==> flow/design.v <==
module my_mul_unit #(
   parameter integer WIDTH = 10
) (
   input wire ck,
   input wire rstn,
   input wire [WIDTH-1:0] src1_in,
   input wire [WIDTH-1:0] src2_in,
   output reg [2*WIDTH-1:0] p_out
);
   reg [WIDTH-1:0] r_src1;
   reg [WIDTH-1:0] r_src2;
   always @(posedge ck) begin
      if (~rstn) begin
         r_src1 <= 0;
         r_src2 <= 0;
         p_out <= 0;
      end else begin
         r_src1 <= src1_in;
         r_src2 <= src2_in;
         p_out <= r_src1 * r_src2;
      end
   end
endmodule
Reports on my_mul_unit
Tool output for the design above, in the order of the flow.
Lines are those of the file above, counted from 1.
Library cell names are shortened.
{ "setup": {"top_module": "my_mul_unit", "clock": "ck", "cell_library": "sky130hd", "lib_corner": "tt_025C_1v80"} }

Word level
Source: Yosys, flattened and elaborated, memories not mapped. Widths are those after wreduce; folded enables and synchronous resets count as part of the registers. Registers that Yosys merges into a memory's read port (data or address) are not register bits. Print and check cells do not count. Equal cells are merged and count once.
{ "word_totals": {"out_inout_bits": 20, "regBits": 40, "in_bits": 22, "elab_cells": 4} }
{ "op_classes": {"n_mul": 1} }
{ "ops": {"columns": ["op", "count"], "rows": [
  ["multiplier 10 x 10 -> 20 bit", 1]
]} }

Longest topological paths
Longest topological path by Yosys (ltp), each cell counted once; first at word level (registers and memories cut), then after technology mapping (sequential cells cut; the memories' decode and read muxes count).
{ "depth": {"depth_word": 1, "ABC_AREA": 0, "depth_mapped": 18, "ltp_nobuf": 17} }

Netlist
The flow's flattened synthesis, as Yosys stat reports it; memories are mapped. The netlist is that of the ABC_AREA named above (0 if unset); the other value can give another one.
{ "by_type": {"columns": ["cell", "count", "type_area_um2"], "rows": [
  ["fa_1", 62, 1241.19],
  ["dfxtp_1", 40, 800.768],
  ["ha_1", 55, 688.16],
  ["and2_1", 74, 462.944],
  ["inv_1", 73, 274.013],
  ["nand2_1", 56, 210.202],
  ["clkbuf_1", 22, 82.579],
  ["xor2_1", 7, 61.309],
  ["a21o_1", 8, 60.058],
  ["nor2_1", 16, 60.058],
  ["a21oi_1", 11, 55.053],
  ["xnor2_1", 5, 43.792],
  ["nor3_1", 7, 35.034],
  ["a221oi_4", 1, 26.275],
  ["and3_1", 4, 25.024],
  ["nand2b_1", 4, 25.024],
  ["o21ai_0", 5, 25.024],
  ["a211oi_1", 3, 22.522]
]} }
Not listed: further types 23, cells in them 35.
{ "mapped": {"ff_cells": 40, "buf_cells": 22, "area_um2": 4471.8, "stdcells": 488, "seq_area_um2": 800.8} }

Timing after synthesis
Source: OpenSTA report_checks on the synthesized netlist (no wires, ideal clock, input and output delay 20% of the period each), path of least setup slack; recovery checks are left aside. Register names are those of the netlist, which keeps one name where synthesis merged equal registers.
{ "synth_path": {"kind": "flip-flop to flip-flop", "startpoint": "register r_src1[7]", "endpoint": "register p_out[18]", "clock_period_ps": 6060, "required_time_ps": 5996, "path_slack_ps": 1216, "delay_ps": 4844, "stages": 19, "setup_ps": 64, "path_buffers": 1, "t_arrival_ps": 4780, "t_first_pin_ps": 0, "synth_period_reached_ps": 4844} }
"delay_ps" = arrival - input delay + setup time.
"stages" counts driving pins, that of a launching flip-flop among them; a cell with two outputs on the path counts twice.
"synth_period_reached_ps" = period - worst setup slack (recovery checks aside). The figure is calculated, with input and output delays left at 20% of the set period.
Between the ends stands the longest chain of elaborated cells between them, by number of cells; it is not shown to be the way that was timed. Of several equally long chains one is given.
A line is the first line of the expression or statement that the cell stems from. Yosys adds cells for indexed reads and writes and turns some case tables into memories.
{ "synth_between": {"path_cell_list": "dfxtp_1 -> clkbuf_1 -> nand2_1 -> fa_1 -> inv_1 -> fa_1 -> inv_1 -> fa_1 -> inv_1 -> fa_1 -> inv_1 -> fa_1 -> inv_1 -> ha_1 -> a211o_1 -> o22ai_1 -> a211oi_2 -> or4_1 -> nand4_1", "elab_chain_cells": 1, "cone_cells": 1, "cone_lines": 1, "classes_between": "mul (1)"} }
{ "synth_lines": {"columns": ["item", "line", "text"], "rows": [
  ["from (decl)", 10, "reg [WIDTH-1:0] r_src1;"],
  ["from (assign)", 14, "r_src1 <= 0;"],
  ["from (assign)", 18, "r_src1 <= src1_in;"],
  ["multiplier 10 x 10 -> 20 bit", 20, "p_out <= r_src1 * r_src2;"],
  ["to (assign)", 16, "p_out <= 0;"],
  ["to (assign)", 20, null],
  ["to (decl)", 8, "output reg [2*WIDTH-1:0] p_out"]
]} }

Path in the finished layout
Path of least setup slack in the final report of record 1 (OpenROAD, finished layout, wires in). Where an end is a register, its clock arrival counts in the times.
The report prints the path's times to 10 ps; the period is as set.
{ "layout_path": {"kind": "flip-flop to flip-flop", "startpoint": "register r_src1[6]", "endpoint": "register p_out[13]", "path_slack_ps": 1050, "path_buffers": 0, "stages": 18, "setup_ps": 80, "t_arrival_ps": 5490, "t_first_pin_ps": 290, "clock_period_ps": 6330, "required_time_ps": 6540} }
Between the ends stands the longest chain of elaborated cells between them, by number of cells; it is not shown to be the way that was timed. Of several equally long chains one is given.
{ "layout_between": {"path_cell_list": "dfxtp_1 -> nand2_1 -> fa_1 -> inv_1 -> fa_1 -> inv_1 -> fa_1 -> inv_1 -> fa_1 -> inv_1 -> fa_1 -> inv_1 -> ha_1 -> a21oi_1 -> o211ai_1 -> or4_1 -> and3_1 -> nor3_1", "elab_chain_cells": 1, "cone_cells": 1, "cone_lines": 1, "classes_between": "mul (1)"} }
{ "layout_lines": {"columns": ["item", "line", "text"], "rows": [
  ["from (decl)", 10, "reg [WIDTH-1:0] r_src1;"],
  ["from (assign)", 14, "r_src1 <= 0;"],
  ["from (assign)", 18, "r_src1 <= src1_in;"],
  ["multiplier 10 x 10 -> 20 bit", 20, "p_out <= r_src1 * r_src2;"],
  ["to (assign)", 16, "p_out <= 0;"],
  ["to (assign)", 20, null],
  ["to (decl)", 8, "output reg [2*WIDTH-1:0] p_out"]
]} }

## Implementation results

Top module my_mul_unit; platform sky130hd; tools Yosys and OpenROAD; 3 stored runs in no particular order. Input and output delays are each 20% of the period that was set; the output load is 0.01 pF.
"achieved_clock_period_ps" = clock period - worst setup slack. The figure is calculated, with input and output delays left at 20% of the set period.
"worst_path_ps" = time allowed to the worst setup path (clock period - input delay - output delay, where it has them) - its slack; a late launch clock adds to it, a late capture clock takes from it.
"fin_power_mw": no workload was simulated; the value follows from the tool's default switching activity.
"worst_path_ps" is known to 10 ps.
[
  {
    "run": "record 1",
    "settings": { "period_ns": 6.33, "CORE_UTILIZATION": 40, "PLACE_DENSITY_LB_ADDON": 0.06, "CORE_ASPECT_RATIO": 1.5, "TNS_END_PERCENT": 55, "CTS_CLUSTER_DIAMETER": 319, "CAP_MARGIN": 5, "MIN_ROUTING_LAYER": "met1", "CORE_MARGIN": 2, "SLEW_MARGIN": 20 },
    "results": { "setupTns_ps": 0, "layout_stdcell_area_um2": 5139.9, "fin_util_pct": 46.7, "achieved_clock_period_ps": 5281, "ys_area_um2": 4471.8, "hold_ws_ps": 677, "worst_setup_slack_ps": 1049, "worst_path_ps": 5280, "path_kind": "flip-flop to flip-flop", "fin_power_mw": 0.8460, "design_die_area_um2": 12058.6 }
  },
  {
    "run": "record 2",
    "settings": { "period_ns": 4.01, "CORE_UTILIZATION": 35, "PLACE_DENSITY": 0.73, "CELL_PAD_IN_SITES_DETAIL_PLACEMENT": 2, "TNS_END_PERCENT": 80, "GPL_TIMING_DRIVEN": 0, "GPL_ROUTABILITY_DRIVEN": 0, "SLEW_MARGIN": 15, "CAP_MARGIN": 20, "CORE_MARGIN": 2 },
    "results": { "setupTns_ps": -11859, "layout_stdcell_area_um2": 6089.6, "fin_util_pct": 48.5, "achieved_clock_period_ps": 5290, "ys_area_um2": 4471.8, "hold_ws_ps": 749, "worst_setup_slack_ps": -1280, "worst_path_ps": 5290, "path_kind": "flip-flop to flip-flop", "fin_power_mw": 1.658, "design_die_area_um2": 13697.2 }
  },
  {
    "run": "record 3",
    "settings": { "period_ns": 6.06, "CAP_MARGIN": 20, "CORE_MARGIN": 2, "CORE_UTILIZATION": 40, "SLEW_MARGIN": 20 },
    "results": { "setupTns_ps": 0, "layout_stdcell_area_um2": 5059.9, "fin_util_pct": 46.5, "achieved_clock_period_ps": 5063, "ys_area_um2": 4471.8, "hold_ws_ps": 658, "worst_setup_slack_ps": 997, "worst_path_ps": 5060, "path_kind": "flip-flop to flip-flop", "fin_power_mw": 0.7825, "design_die_area_um2": 12041.8 }
  }
]
